==> flow/design.v <==
module mplex #(
  parameter int DWIDTH = 10,
  parameter int NUM = 64,
  parameter int SW = $clog2(NUM)
) (
  input logic CLK,
  input logic [NUM*DWIDTH-1:0] i_val,
  input logic [SW-1:0] i_pick,
  output logic [DWIDTH-1:0] o_y
);
  logic [NUM*DWIDTH-1:0] r_val;
  always_ff @(posedge CLK) begin
    r_val <= i_val;
  end
  logic [SW-1:0] r_pick;
  always_ff @(posedge CLK) begin
    r_pick <= i_pick;
  end
  wire [DWIDTH-1:0] n_ [1:2*NUM-1];
  generate
    for (genvar ii = 0; ii < NUM; ii++) begin : each
      assign n_[NUM+ii] = r_val[ii*DWIDTH +: DWIDTH];
    end
    for (genvar ii = 1; ii < NUM; ii++) begin : blk
      assign n_[ii] = r_pick[SW - $clog2(ii+1)] ? n_[2*ii+1] : n_[2*ii];
    end
  endgenerate
  logic [DWIDTH-1:0] r_y;
  always_ff @(posedge CLK) begin
    r_y <= n_[1];
  end
  assign o_y = r_y;
endmodule
Step by step through the tools: mplex:

Tool output for the design above, in the order of the flow.
Line numbers count from 1 in the design file above.
Operators carry their Yosys type and port widths (W data, S select, Z words).
Cell names lack the library's common part.
Not given: n/a

* top: mplex
* clock port: CLK
* standard-cell library: sky130hd
* corner: tt_025C_1v80

Word level:

Counts by Yosys on the flattened word-level netlist (proc, flatten, opt, wreduce). Print and check cells are left out. Cells with the same type and inputs are merged into one.

* register bits after elaboration: 656
* bits of input ports: 647
* output and inout port bits: 10

* mux-type cells: 63

Operators with widths (number)
* $mux W10: 63

Depth:

Depth = most cells in a row (Yosys ltp): at word level without a register or memory, in the mapped netlist without a sequential cell, where the memories' decode and read muxes count.

* depth in word-level cells: 6
* ABC_AREA: 0
* depth in mapped cells: 10
* gate-level depth less buffers: 5

Mapped cells and area:

The flow's flattened synthesis, as Yosys stat reports it; memories are mapped. The netlist is that of the ABC_AREA named above (0 if unset); the other value can give another one.
Totals and module areas in this step are rounded.

Cell types
* dfxtp_1: number 656, total area 1.31E+04 sq um
* mux4_2: number 141, total area 3.18E+03 sq um
* mux2i_1: number 24, total area 240.23 sq um
* mux4_1: number 9, total area 236.477 sq um
* o221ai_1: number 14, total area 122.618 sq um
* o22ai_1: number 19, total area 118.864 sq um
* buf_2: number 19, total area 95.091 sq um
* mux2_2: number 8, total area 90.086 sq um
* nor2b_1: number 14, total area 87.584 sq um
* buf_12: number 4, total area 80.077 sq um
* a22oi_1: number 9, total area 67.565 sq um
* buf_6: number 6, total area 67.565 sq um
* clkbuf_1: number 18, total area 67.565 sq um
* nand2_1: number 18, total area 67.565 sq um
* nor3_1: number 13, total area 65.062 sq um
* a221oi_1: number 7, total area 61.309 sq um
* a32o_1: number 6, total area 60.058 sq um
* buf_4: number 8, total area 60.058 sq um

Other cell types: 19; their cells: 85.

* flip-flops: 656
* cell area after synthesis: 0.01842 sq mm
* sequential area: 0.01313 sq mm
* cells in the netlist: 1078
* buffers: 61

Timing after synthesis:

Path of least setup slack by OpenSTA after synthesis, without wires, with an ideal clock, recovery checks aside; 20% of the period is set as input and as output delay. Where synthesis merged equal registers, the netlist keeps one of their names.

* path type: reg2reg
* start: reg r_pick[0]
* end: reg r_y[0]
* driving pins on the path: 8
* setup time: 117 ps
* path buffers: 3
* path delay: 1940 ps
* arrival: 1823 ps
* required time: 2303 ps
* period: 2420 ps
* setup slack: 480 ps
* time at the first pin: 0 ps
* synthesis period reached: 1940 ps

"path delay" = arrival - input delay + setup time.
"driving pins on the path": output pins that drive a net of the path, with the launching flip-flop's if there is one; two outputs of one cell count as two.
"synthesis period reached" = period - worst setup slack (recovery checks aside). The figure is calculated, with input and output delays left at 20% of the set period.
The rows between start and end are the longest chain of elaborated cells between them; the timing report does not say that the signal goes this way. Where chains are equally long, one stands for them.
A line is the first line of the expression or statement that the cell stems from. Yosys adds cells for indexed reads and writes and turns some case tables into memories.

* path through: dfxtp_1 -> buf_6 -> buf_6 -> buf_2 -> mux4_2 -> a22oi_1 -> nand3b_1 -> a22o_1
* length of the longest elaborated chain: 6

RTL lines, path post-synthesis
* start, declared: line 15 `logic [SW-1:0] r_pick;`
* start, assigned: line 17 `r_pick <= i_pick;`
* $mux W10 (6 in a row): line 25 `assign n_[ii] = r_pick[SW - $clog2(ii+1)] ? n_[2*ii+1] : n_[2*ii];`
* end, assigned: line 30 `r_y <= n_[1];`
* end, declared: line 28 `logic [DWIDTH-1:0] r_y;`

Worst path after layout:

From the final timing report of flow run A: the path of least setup slack in the routed layout; clock arrival at registers is part of the times.
The report prints the path's times to 10 ps; the period is as set.

* path type: reg2reg
* start: reg r_pick[0]
* end: reg r_y[3]
* driving pins on the path: 9
* setup time: 110 ps
* path buffers: 4
* required time: 2890 ps
* arrival: 2750 ps
* setup slack: 140 ps
* period: 2420 ps
* time at the first pin: 580 ps

The rows between start and end are the longest chain of elaborated cells between them; the timing report does not say that the signal goes this way. Where chains are equally long, one stands for them.

* path through: dfxtp_4 -> buf_12 -> buf_12 -> buf_12 -> mux4_2 -> mux2i_1 -> buf_4 -> a31oi_1 -> a32o_1
* length of the longest elaborated chain: 6

RTL lines, path after layout
* start, declared: line 15 `logic [SW-1:0] r_pick;`
* start, assigned: line 17 `r_pick <= i_pick;`
* $mux W10 (6 in a row): line 25 `assign n_[ii] = r_pick[SW - $clog2(ii+1)] ? n_[2*ii+1] : n_[2*ii];`
* end, assigned: line 30 `r_y <= n_[1];`
* end, declared: line 28 `logic [DWIDTH-1:0] r_y;`

Data sheet: physical implementation of mplex

Measured results for mplex: 3 stored runs of the Yosys and OpenROAD flow on sky130hd. The settings differ; the order carries no meaning. The constraints put input and output delay at 20% of the set period each and load the outputs with 0.01 pF.
"time of the worst setup path" means the part of the period allowed to the worst setup path (the constraints hold back 20% at inputs and 20% at outputs) less its slack; where the path has registers, the arrival times of their clocks count too.
"total design power" is the tool's figure for a default switching activity; nothing was simulated.
"time of the worst setup path" is known to 10 ps.
Measured values are rounded.

### Flow run A

Settings: `period_ns=2.42`, `CAP_MARGIN=20`, `CORE_MARGIN=2`, `CORE_UTILIZATION=40`, `SLEW_MARGIN=20`

- Worst setup slack after layout: 143 ps
- Time of the worst setup path: 2,280 ps
- Class of the worst setup path: reg2reg
- Total design power: 24.47 mW
- Chip area in the Yosys report: 0.01842 sq mm
- Die footprint: 0.04779 sq mm
- Final setup TNS: 0 ps
- Utilization of the finished layout: 62.5%

### Flow run B

Settings: `period_ns=1.28`, `CORE_UTILIZATION=63`, `SETUP_SLACK_MARGIN=0.38`, `PLACE_DENSITY_LB_ADDON=0.17`, `HOLD_SLACK_MARGIN=0.01`, `CELL_PAD_IN_SITES_GLOBAL_PLACEMENT=2`, `ABC_AREA=0`, `GPL_ROUTABILITY_DRIVEN=0`, `CTS_CLUSTER_SIZE=73`, `CTS_CLUSTER_DIAMETER=37`, `SLEW_MARGIN=35`, `CAP_MARGIN=20`, `CORE_MARGIN=2`

No results, placement failed with PPL-0024.

### Flow run C

Settings: `period_ns=3.22`, `CORE_UTILIZATION=59`, `PLACE_DENSITY=0.55`, `CORE_MARGIN=9`, `CELL_PAD_IN_SITES_GLOBAL_PLACEMENT=0`, `TNS_END_PERCENT=20`, `ABC_AREA=0`, `GPL_TIMING_DRIVEN=0`, `GPL_ROUTABILITY_DRIVEN=1`, `CTS_CLUSTER_SIZE=37`, `CTS_CLUSTER_DIAMETER=100`, `CAP_MARGIN=40`, `SLEW_MARGIN=15`, `MAX_ROUTING_LAYER=met5`

- Worst setup slack after layout: 365 ps
- Time of the worst setup path: 2,850 ps
- Class of the worst setup path: reg2reg
- Total design power: 13.87 mW
- Chip area in the Yosys report: 0.01842 sq mm
- Die footprint: 0.03791 sq mm
- Final setup TNS: 0 ps
- Utilization of the finished layout: 85.2%
